==> flow/design.v <==
module dp_mplex #(
   parameter int DATA_WIDTH = 2
) (
   input logic aclk,
   input logic resetn,
   input logic [DATA_WIDTH-1:0] src0,
   input logic [DATA_WIDTH-1:0] src1,
   input logic [DATA_WIDTH-1:0] src2,
   input logic [DATA_WIDTH-1:0] src3,
   input logic [DATA_WIDTH-1:0] src4,
   input logic [DATA_WIDTH-1:0] src5,
   input logic [DATA_WIDTH-1:0] src6,
   input logic [DATA_WIDTH-1:0] src7,
   input logic [DATA_WIDTH-1:0] src8,
   input logic [DATA_WIDTH-1:0] src9,
   input logic [DATA_WIDTH-1:0] src10,
   input logic [DATA_WIDTH-1:0] src11,
   input logic [DATA_WIDTH-1:0] src12,
   input logic [DATA_WIDTH-1:0] src13,
   input logic [DATA_WIDTH-1:0] src14,
   input logic [DATA_WIDTH-1:0] src15,
   input logic [14:0] s,
   output logic [DATA_WIDTH-1:0] data_out
);
   logic [DATA_WIDTH-1:0] src0_r;
   logic [DATA_WIDTH-1:0] src1_r;
   logic [DATA_WIDTH-1:0] src2_r;
   logic [DATA_WIDTH-1:0] src3_r;
   logic [DATA_WIDTH-1:0] src4_r;
   logic [DATA_WIDTH-1:0] src5_r;
   logic [DATA_WIDTH-1:0] src6_r;
   logic [DATA_WIDTH-1:0] src7_r;
   logic [DATA_WIDTH-1:0] src8_r;
   logic [DATA_WIDTH-1:0] src9_r;
   logic [DATA_WIDTH-1:0] src10_r;
   logic [DATA_WIDTH-1:0] src11_r;
   logic [DATA_WIDTH-1:0] src12_r;
   logic [DATA_WIDTH-1:0] src13_r;
   logic [DATA_WIDTH-1:0] src14_r;
   logic [DATA_WIDTH-1:0] src15_r;
   logic [14:0] s_r;
   always_ff @(posedge aclk) begin
      if (~resetn) begin
         src0_r <= 0;
         src1_r <= 0;
         src2_r <= 0;
         src3_r <= 0;
         src4_r <= 0;
         src5_r <= 0;
         src6_r <= 0;
         src7_r <= 0;
         src8_r <= 0;
         src9_r <= 0;
         src10_r <= 0;
         src11_r <= 0;
         src12_r <= 0;
         src13_r <= 0;
         src14_r <= 0;
         src15_r <= 0;
         s_r <= 0;
      end else begin
         src0_r <= src0;
         src1_r <= src1;
         src2_r <= src2;
         src3_r <= src3;
         src4_r <= src4;
         src5_r <= src5;
         src6_r <= src6;
         src7_r <= src7;
         src8_r <= src8;
         src9_r <= src9;
         src10_r <= src10;
         src11_r <= src11;
         src12_r <= src12;
         src13_r <= src13;
         src14_r <= src14;
         src15_r <= src15;
         s_r <= s;
      end
   end
   logic [DATA_WIDTH-1:0] work;
   always_comb begin
      casez (s_r)
         15'b??????????????1: work = src0_r;
         15'b?????????????10: work = src1_r;
         15'b????????????100: work = src2_r;
         15'b???????????1000: work = src3_r;
         15'b??????????10000: work = src4_r;
         15'b?????????100000: work = src5_r;
         15'b????????1000000: work = src6_r;
         15'b???????10000000: work = src7_r;
         15'b??????100000000: work = src8_r;
         15'b?????1000000000: work = src9_r;
         15'b????10000000000: work = src10_r;
         15'b???100000000000: work = src11_r;
         15'b??1000000000000: work = src12_r;
         15'b?10000000000000: work = src13_r;
         15'b100000000000000: work = src14_r;
         default: work = src15_r;
      endcase
   end
   always_ff @(posedge aclk) begin
      if (~resetn) begin
         data_out <= 0;
      end else begin
         data_out <= work;
      end
   end
endmodule
Step by step through the tools: dp_mplex
The steps from the RTL of dp_mplex to its reports follow in flow order.
Lines are those of the file above, counted from 1.
Operators: Yosys type, input widths -> output width; for muxes data width and select width s.
Cell names lack the library's common part.
{"block": "setup", "top_module": "dp_mplex", "clk_port": "aclk", "cell_library": "sky130hd", "pvt_corner": "tt_025C_1v80"}

Elaborated design
Yosys after proc, flatten, opt, wreduce and memory -nomap, before mapping. Enables and synchronous resets that opt folds into registers are not counted as muxes. Memory bits, and registers merged into a memory's read port (data or address), are not among the register bits. Print and check cells are not counted. Equal cells are merged and count once.
{"block": "bits", "register_bits": 49, "output_inout_bits": 2, "elab_cells": 33}
{"block": "op_classes", "eq_ne": 14, "n_mux": 1}
{"block": "ops", "op": "$pmux 2 s15", "count": 1}
{"block": "ops", "op": "$eq 15x15->1 const B", "count": 1}
{"block": "ops", "op": "$eq 14x14->1 const B", "count": 1}
{"block": "ops", "op": "$eq 13x13->1 const B", "count": 1}
{"block": "ops", "op": "$eq 12x12->1 const B", "count": 1}
{"block": "ops", "op": "$eq 11x11->1 const B", "count": 1}
{"block": "ops", "op": "$eq 10x10->1 const B", "count": 1}
{"block": "ops", "op": "$eq 9x9->1 const B", "count": 1}
{"block": "ops", "op": "$eq 8x8->1 const B", "count": 1}
{"block": "ops", "op": "$eq 7x7->1 const B", "count": 1}
{"block": "ops", "op": "$eq 6x6->1 const B", "count": 1}
{"block": "ops", "op": "$eq 5x5->1 const B", "count": 1}
{"block": "ops", "op": "$eq 4x4->1 const B", "count": 1}
{"block": "ops", "op": "$eq 3x3->1 const B", "count": 1}
{"block": "ops", "op": "$eq 2x2->1 const B", "count": 1}

Depth
Longest topological path by Yosys (ltp), each cell counted once; first at word level (registers and memories cut), then after technology mapping (sequential cells cut; the memories' decode and read muxes count).
{"block": "depth", "depth_word": 2, "ABC_AREA": 0, "depth_mapped": 4, "mapped_depth_nobuf": 4}

Mapped cells and area
The flow's flattened synthesis, as Yosys stat reports it; memories are mapped. The netlist is that of the ABC_AREA named above (0 if unset); the other value can give another one.
Totals and module areas in this step are rounded.
{"block": "types", "cell_type": "dfxtp_1", "count": 49, "area_total_um2": 980.941}
{"block": "types", "cell_type": "and2_1", "count": 48, "area_total_um2": 300.288}
{"block": "types", "cell_type": "a211oi_1", "count": 6, "area_total_um2": 45.043}
{"block": "types", "cell_type": "nand3b_1", "count": 5, "area_total_um2": 37.536}
{"block": "types", "cell_type": "a21oi_1", "count": 7, "area_total_um2": 35.034}
{"block": "types", "cell_type": "a221oi_2", "count": 2, "area_total_um2": 30.029}
{"block": "types", "cell_type": "nor3b_1", "count": 4, "area_total_um2": 30.029}
{"block": "types", "cell_type": "o21ai_1", "count": 4, "area_total_um2": 20.019}
{"block": "types", "cell_type": "clkbuf_1", "count": 5, "area_total_um2": 18.768}
{"block": "types", "cell_type": "inv_1", "count": 5, "area_total_um2": 18.768}
{"block": "types", "cell_type": "nor2b_2", "count": 2, "area_total_um2": 17.517}
{"block": "types", "cell_type": "o21ai_0", "count": 3, "area_total_um2": 15.014}
{"block": "types", "cell_type": "a211oi_2", "count": 1, "area_total_um2": 12.512}
{"block": "types", "cell_type": "nor4_1", "count": 2, "area_total_um2": 12.512}
{"block": "types", "cell_type": "nor4_2", "count": 1, "area_total_um2": 12.512}
{"block": "types", "cell_type": "nand2_1", "count": 3, "area_total_um2": 11.261}
{"block": "types", "cell_type": "or4_4", "count": 1, "area_total_um2": 11.261}
{"block": "types", "cell_type": "a311oi_1", "count": 1, "area_total_um2": 8.758}
Not listed: further types 8, cells in them 8.
{"block": "synth_totals", "cells": 157, "synth_area_um2": 1700, "seq_area_um2": 980, "ff_cells": 49}

Worst setup path after synthesis
OpenSTA on the mapped netlist: ideal clock, no wires. The path of least setup slack (recovery checks aside). Input and output delay are each 20% of the period. Register names are those of the netlist, which keeps one name where synthesis merged equal registers.
{"block": "synth_path", "path_type": "register -> register", "start": "register s_r[8]", "end": "register data_out[1]", "clock_period_ns": 1.67, "t_first_pin_ns": 0.000, "arrival_ns": 1.259, "slack_ns": 0.336, "delay_ns": 1.333, "path_stages": 5, "n_path_buf": 0, "period_less_setup_slack_ns": 1.334}
"delay_ns" = arrival - input delay + setup time.
"path_stages": output pins that drive a net of the path, with the launching flip-flop's if there is one; two outputs of one cell count as two.
"period_less_setup_slack_ns" is the clock period less the worst setup slack; recovery checks do not enter. This is arithmetic on one report: input and output delays are still those of the set period (20% each).
Between the ends stands the longest chain of elaborated cells between them, by number of cells; it is not shown to be the way that was timed. Of several equally long chains one is given.
Each line given opens the expression or statement behind the cell; cells for indexed reads and writes are added by Yosys, which also makes memories of some case tables.
{"block": "synth_between", "cell_sequence": "dfxtp_1 -> or4_4 -> a221oi_2 -> o21ai_1 -> a31oi_1", "elab_chain_len": 2, "cells_between": 8, "cone_lines": 1, "classes_between": "7 x eq/ne; 1 x mux"}
{"block": "synth_lines", "item": "start: declaration", "line": 41, "source": "logic [14:0] s_r;"}
{"block": "synth_lines", "item": "start: assignment", "line": 60, "source": "s_r <= 0;"}
{"block": "synth_lines", "item": "start: assignment", "line": 78, "source": "s_r <= s;"}
{"block": "synth_lines", "item": "$eq 15x15->1", "line": 83, "source": "casez (s_r)"}
{"block": "synth_lines", "item": "$pmux 2 s15", "line": 83}
{"block": "synth_lines", "item": "end: assignment", "line": 104, "source": "data_out <= 0;"}
{"block": "synth_lines", "item": "end: assignment", "line": 106, "source": "data_out <= work;"}
{"block": "synth_lines", "item": "end: declaration", "line": 23, "source": "output logic [DATA_WIDTH-1:0] data_out"}

Worst path after layout
Path of least setup slack in the final report of job 3 (OpenROAD, finished layout, wires in). Where an end is a register, its clock arrival counts in the times.
{"block": "layout_path", "path_type": "register -> output", "start": "register data_out[0]", "end": "output data_out[0]", "clock_period_ns": 1.67, "out_delay_ns": 0.33, "t_first_pin_ns": 0.30, "arrival_ns": 1.16, "slack_ns": 0.17, "path_stages": 2, "n_path_buf": 1}
{"block": "layout_between", "cell_sequence": "dfxtp_1 -> clkdlybuf4s50_1", "elab_chain_len": 0, "cells_between": 0, "cone_lines": 0}
{"block": "layout_lines", "item": "start: declaration", "line": 23, "source": "output logic [DATA_WIDTH-1:0] data_out"}
{"block": "layout_lines", "item": "start: assignment", "line": 104, "source": "data_out <= 0;"}
{"block": "layout_lines", "item": "start: assignment", "line": 106, "source": "data_out <= work;"}
{"block": "layout_lines", "item": "end: declaration", "line": 23}

==> results <==
Design dp_mplex on sky130hd. What follows are 3 stored runs of the flow, each under its own settings; their order means nothing. The constraints put input and output delay at 20% of the set period each and load the outputs with 0.01 pF.
"achievedPeriod_ns" means the clock period less the worst setup slack. The figure is calculated, with input and output delays left at 20% of the set period.
"worst_setup_path_time_ns": the worst setup path's part of the clock period (all of it between registers, 20% less for each end at a port) less its slack. A launch clock that arrives late makes it longer, a capture clock that arrives late makes it shorter.
Values from the reports are rounded here.

{"run": "job 1", "settings": { "period_ns": 0.877, "CORE_UTILIZATION": 64, "SETUP_SLACK_MARGIN": 0.26, "PLACE_DENSITY": 0.44, "CORE_ASPECT_RATIO": 1.66, "CELL_PAD_IN_SITES_DETAIL_PLACEMENT": 0, "TNS_END_PERCENT": 30, "GPL_ROUTABILITY_DRIVEN": 0, "CTS_CLUSTER_SIZE": 71, "CAP_MARGIN": 20, "CORE_MARGIN": 2, "SLEW_MARGIN": 20 }, "outcome": "no results, clock tree synthesis failed with DPL-0038"}
{"run": "job 2", "settings": { "period_ns": 0.856, "CORE_UTILIZATION": 41, "PLACE_DENSITY_LB_ADDON": 0.18, "CORE_MARGIN": 9, "CELL_PAD_IN_SITES_DETAIL_PLACEMENT": 2, "TNS_END_PERCENT": 50, "ABC_AREA": 1, "GPL_ROUTABILITY_DRIVEN": 1, "CTS_CLUSTER_DIAMETER": 338, "CAP_MARGIN": 20, "SLEW_MARGIN": 20 }, "outcome": "no results, placement failed with DPL-0033"}
{"run": "job 3", "settings": { "period_ns": 1.67, "CAP_MARGIN": 20, "CORE_MARGIN": 2, "CORE_UTILIZATION": 40, "SLEW_MARGIN": 20 }, "results": { "holdWs_ns": 0.52, "achievedPeriod_ns": 1.495, "timing.setup.tns_ns": 0.000, "dieArea_um2": 4700, "worst_setup_path_time_ns": 1.16, "worst_path_kind": "register -> output", "utilization_pct": 59, "timing.setup.ws_ns": 0.17, "synth_area_um2": 1700 }}
